==> flow/design.v <==
module cpu_summer_stage #(
    parameter DWIDTH = 40
) (
    input  logic sys_clk,
    input  logic nrst,
    input  logic [DWIDTH-1:0] rs1_i,
    input  logic [DWIDTH-1:0] rs2_i,
    output logic [DWIDTH-1:0] o_o
);
    logic [DWIDTH-1:0] rs1_s;
    logic [DWIDTH-1:0] rs2_s;
    always_ff @(posedge sys_clk) begin
        if (~nrst) begin
            rs1_s <= 0;
            rs2_s <= 0;
        end else begin
            rs1_s <= rs1_i;
            rs2_s <= rs2_i;
        end
    end
    logic [DWIDTH:0] work;
    assign work = rs1_s + rs2_s;
    always_ff @(posedge sys_clk) begin
        if (~nrst) begin
            o_o <= 0;
        end else begin
            o_o <= work[DWIDTH] ? {DWIDTH{1'b1}} : work[DWIDTH-1:0];
        end
    end
endmodule
Reports on cpu_summer_stage. What the tools print for cpu_summer_stage, step after step. Line numbers count from 1 in the design file above. Operators: Yosys type, input widths -> output width; for muxes data width and select width s. Not given: n/a

Design top: cpu_summer_stage. Clock: sys_clk. Standard-cell library: sky130hd. Timing corner: tt_025C_1v80.

Elaborated design. Counts by Yosys on the flattened word-level netlist (proc, flatten, opt, wreduce; memories kept). Register bits leave out memories and registers merged into their read ports (data or address); mux counts leave out enables and synchronous resets folded into registers. Print and check cells are left out. Cells with the same type and inputs are merged into one.

The entry for register bits reads 120. Input bits: 82. Under output and inout bits stands 40. The figure for word-level cells is 5.

Muxes and demuxes: 1. The figure for add/subtract/negate cells is 1.

Operators by type and width (count): $add 40x40->41 (1); $mux 40 (1).

Depth. Yosys ltp: most cells in a row. Word level: on the elaborated netlist, between registers, memories and ports. Mapped: between sequential cells and ports; inverters and the memories' decode and read muxes count.

Depth after elaboration: 2. Under ABC_AREA stands 0. For mapped depth the number is 14. The figure for gate-level depth less buffers is 12.

Netlist. Source: synth_stat.txt of the flow (Yosys; design flattened, memories mapped). It holds for the ABC_AREA given above (unset counts as 0); a run with the other value may have another netlist.

Under mapped flip-flops stands 120. The figure for sequential part of the area is 2402.3 µm². The figure for cells in the netlist is 563. For synthesis area the number is 5514.0 µm². Buffers: 28.

Cell types: sky130_fd_sc_hd__dfxtp_1 (count 120, total area 2.4E+03 µm²); sky130_fd_sc_hd__and2_1 (count 83, total area 519.248 µm²); sky130_fd_sc_hd__ha_1 (count 40, total area 500.48 µm²); sky130_fd_sc_hd__o21a_1 (count 39, total area 292.781 µm²); sky130_fd_sc_hd__a21oi_1 (count 37, total area 185.178 µm²); sky130_fd_sc_hd__xor2_1 (count 19, total area 166.41 µm²); sky130_fd_sc_hd__a21o_1 (count 21, total area 157.651 µm²); sky130_fd_sc_hd__xnor2_1 (count 14, total area 122.618 µm²); sky130_fd_sc_hd__nand2_1 (count 29, total area 108.854 µm²); sky130_fd_sc_hd__clkbuf_1 (count 22, total area 82.579 µm²); sky130_fd_sc_hd__nor2_1 (count 20, total area 75.072 µm²); sky130_fd_sc_hd__o21ai_0 (count 13, total area 65.062 µm²); sky130_fd_sc_hd__a211oi_1 (count 7, total area 52.55 µm²); sky130_fd_sc_hd__a211oi_2 (count 4, total area 50.048 µm²); sky130_fd_sc_hd__nand3_1 (count 10, total area 50.048 µm²); sky130_fd_sc_hd__a21oi_4 (count 3, total area 48.797 µm²); sky130_fd_sc_hd__o21ai_2 (count 4, total area 35.034 µm²); sky130_fd_sc_hd__a31oi_1 (count 5, total area 31.28 µm²).

Not listed: further types 45, cells in them 73.

Timing after synthesis. Path of least setup slack by OpenSTA after synthesis, without wires, with an ideal clock, recovery checks aside; 20% of the period is set as input and as output delay. Where synthesis merged equal registers, the netlist keeps one of their names.

Path kind: reg2reg. From: register rs1_s[0]. To: register o_o[16]. Path delay: 2.844 ns. Launch time at the first pin: 0.000 ns. For setup slack the number is 0.717 ns. For clock period the number is 3.56 ns. For data required time the number is 3.445 ns. Stages: 15. For path buffers the number is 2. The figure for arrival is 2.729 ns. Setup time: 0.115 ns. The figure for period reached after synthesis is 2.843 ns.

"path delay" = arrival - input delay + setup time. "stages": output pins that drive a net of the path, with the launching flip-flop's if there is one; two outputs of one cell count as two. "period reached after synthesis" = period - worst setup slack (recovery checks aside). The figure is calculated, with input and output delays left at 20% of the set period. The rows between start and end are the longest chain of elaborated cells between them; the timing report does not say that the signal goes this way. Where chains are equally long, one stands for them. A line is the first line of the expression or statement that the cell stems from. Yosys adds cells for indexed reads and writes and turns some case tables into memories.

Cell sequence: sky130_fd_sc_hd__dfxtp_1 sky130_fd_sc_hd__ha_1 sky130_fd_sc_hd__fa_1 sky130_fd_sc_hd__a211oi_2 sky130_fd_sc_hd__o21ai_2 sky130_fd_sc_hd__o21ai_2 sky130_fd_sc_hd__a21oi_4 sky130_fd_sc_hd__a31oi_1 sky130_fd_sc_hd__o21a_2 sky130_fd_sc_hd__o21ai_4 sky130_fd_sc_hd__a21oi_4 sky130_fd_sc_hd__o21ai_2 sky130_fd_sc_hd__buf_4 sky130_fd_sc_hd__buf_6 sky130_fd_sc_hd__o21a_1. For cells in the longest elaborated chain the number is 2. Elaborated cells between the ends (all ways): 2. The entry for RTL lines with such cells reads 2. Classes of those cells: add/sub (1); mux (1).

Ends and longest elaborated chain, after synthesis: start, declared (line 10) `logic [DWIDTH-1:0] rs1_s;`; start, assigned (line 14) `rs1_s <= 0;`; start, assigned (line 17) `rs1_s <= rs1_i;`; $add 40x40->41 (line 22) `assign work = rs1_s + rs2_s;`; $mux 40 (line 27) `o_o <= work[DWIDTH] ? {DWIDTH{1'b1}} : work[DWIDTH-1:0];`; end, assigned (line 25) `o_o <= 0;`; end, assigned (line 27); end, declared (line 8) `output logic [DWIDTH-1:0] o_o`.

Timing after layout. Path of least setup slack in the final report of record 1 (OpenROAD, finished layout, wires in). Where an end is a register, its clock arrival counts in the times.

Path kind: reg2reg. From: register rs1_s[0]. To: register o_o[11]. Setup time: 0.11 ns. Stages: 14. For data required time the number is 3.86 ns. For path buffers the number is 1. Launch time at the first pin: 0.41 ns. The figure for arrival is 3.54 ns. For setup slack the number is 0.31 ns. For clock period the number is 3.56 ns.

The rows between start and end are the longest chain of elaborated cells between them; the timing report does not say that the signal goes this way. Where chains are equally long, one stands for them.

Cell sequence: sky130_fd_sc_hd__dfxtp_1 sky130_fd_sc_hd__ha_1 sky130_fd_sc_hd__fa_1 sky130_fd_sc_hd__a211oi_2 sky130_fd_sc_hd__o21ai_2 sky130_fd_sc_hd__o21ai_2 sky130_fd_sc_hd__a21oi_4 sky130_fd_sc_hd__a31oi_1 sky130_fd_sc_hd__o21a_2 sky130_fd_sc_hd__o21ai_4 sky130_fd_sc_hd__a21oi_4 sky130_fd_sc_hd__o21ai_2 sky130_fd_sc_hd__buf_12 sky130_fd_sc_hd__o21a_1. For cells in the longest elaborated chain the number is 2. Elaborated cells between the ends (all ways): 2. The entry for RTL lines with such cells reads 2. Classes of those cells: add/sub (1); mux (1).

Ends and longest elaborated chain, after layout: start, declared (line 10) `logic [DWIDTH-1:0] rs1_s;`; start, assigned (line 14) `rs1_s <= 0;`; start, assigned (line 17) `rs1_s <= rs1_i;`; $add 40x40->41 (line 22) `assign work = rs1_s + rs2_s;`; $mux 40 (line 27) `o_o <= work[DWIDTH] ? {DWIDTH{1'b1}} : work[DWIDTH-1:0];`; end, assigned (line 25) `o_o <= 0;`; end, assigned (line 27); end, declared (line 8) `output logic [DWIDTH-1:0] o_o`.

Appendix: measured runs

Stored flow runs of cpu_summer_stage (3 of them; Yosys, OpenROAD, sky130hd). They differ in their settings and are not a sequence. Constraints: input delay and output delay 20% of the set period each, output load 0.01 pF. "reached clock period" = clock period - worst setup slack. The figure is calculated, with input and output delays left at 20% of the set period. "time used up by the worst setup path": the worst setup path's part of the clock period (all of it between registers, 20% less for each end at a port) less its slack. A launch clock that arrives late makes it longer, a capture clock that arrives late makes it shorter. "power consumption" rests on the timing tool's default activity at the inputs, not on a simulated workload.

Record 1 has these settings: period_ns 3.56; CAP_MARGIN 20; CORE_MARGIN 2; CORE_UTILIZATION 40; SLEW_MARGIN 20. The mapped cell area after synthesis stands at 5514.0 µm². The final worst hold slack is 0.560 ns. The measured std-cell area (final layout) is 7383.3 µm². The measured post-route utilization is 0.553. The time used up by the worst setup path stands at 3.25 ns. Worst setup path kind: reg2reg. The area inside the die boundary comes to 14740.4 µm². The setup total negative slack stands at 0.000 ns. The reached clock period comes to 3.245 ns. For the power consumption the run shows 3622 µW. The smallest setup slack stands at 0.315 ns.

Record 2 has these settings: period_ns 3.48; CORE_UTILIZATION 46; PLACE_DENSITY_LB_ADDON 0.28; HOLD_SLACK_MARGIN 0.11; CORE_ASPECT_RATIO 0.62; CELL_PAD_IN_SITES_DETAIL_PLACEMENT 2; GPL_TIMING_DRIVEN 0; CTS_CLUSTER_DIAMETER 394; SLEW_MARGIN 25; MIN_ROUTING_LAYER met2; CAP_MARGIN 20; CORE_MARGIN 2. Outcome: unfinished; error DPL-0033 in placement.

Record 3 has these settings: period_ns 3.21; CORE_UTILIZATION 44; CORE_ASPECT_RATIO 0.71; CORE_MARGIN 2; CELL_PAD_IN_SITES_GLOBAL_PLACEMENT 0; CELL_PAD_IN_SITES_DETAIL_PLACEMENT 2; GPL_TIMING_DRIVEN 1; GPL_ROUTABILITY_DRIVEN 1; CAP_MARGIN 20; SLEW_MARGIN 20. Outcome: unfinished; error DPL-0033 in clock tree synthesis.
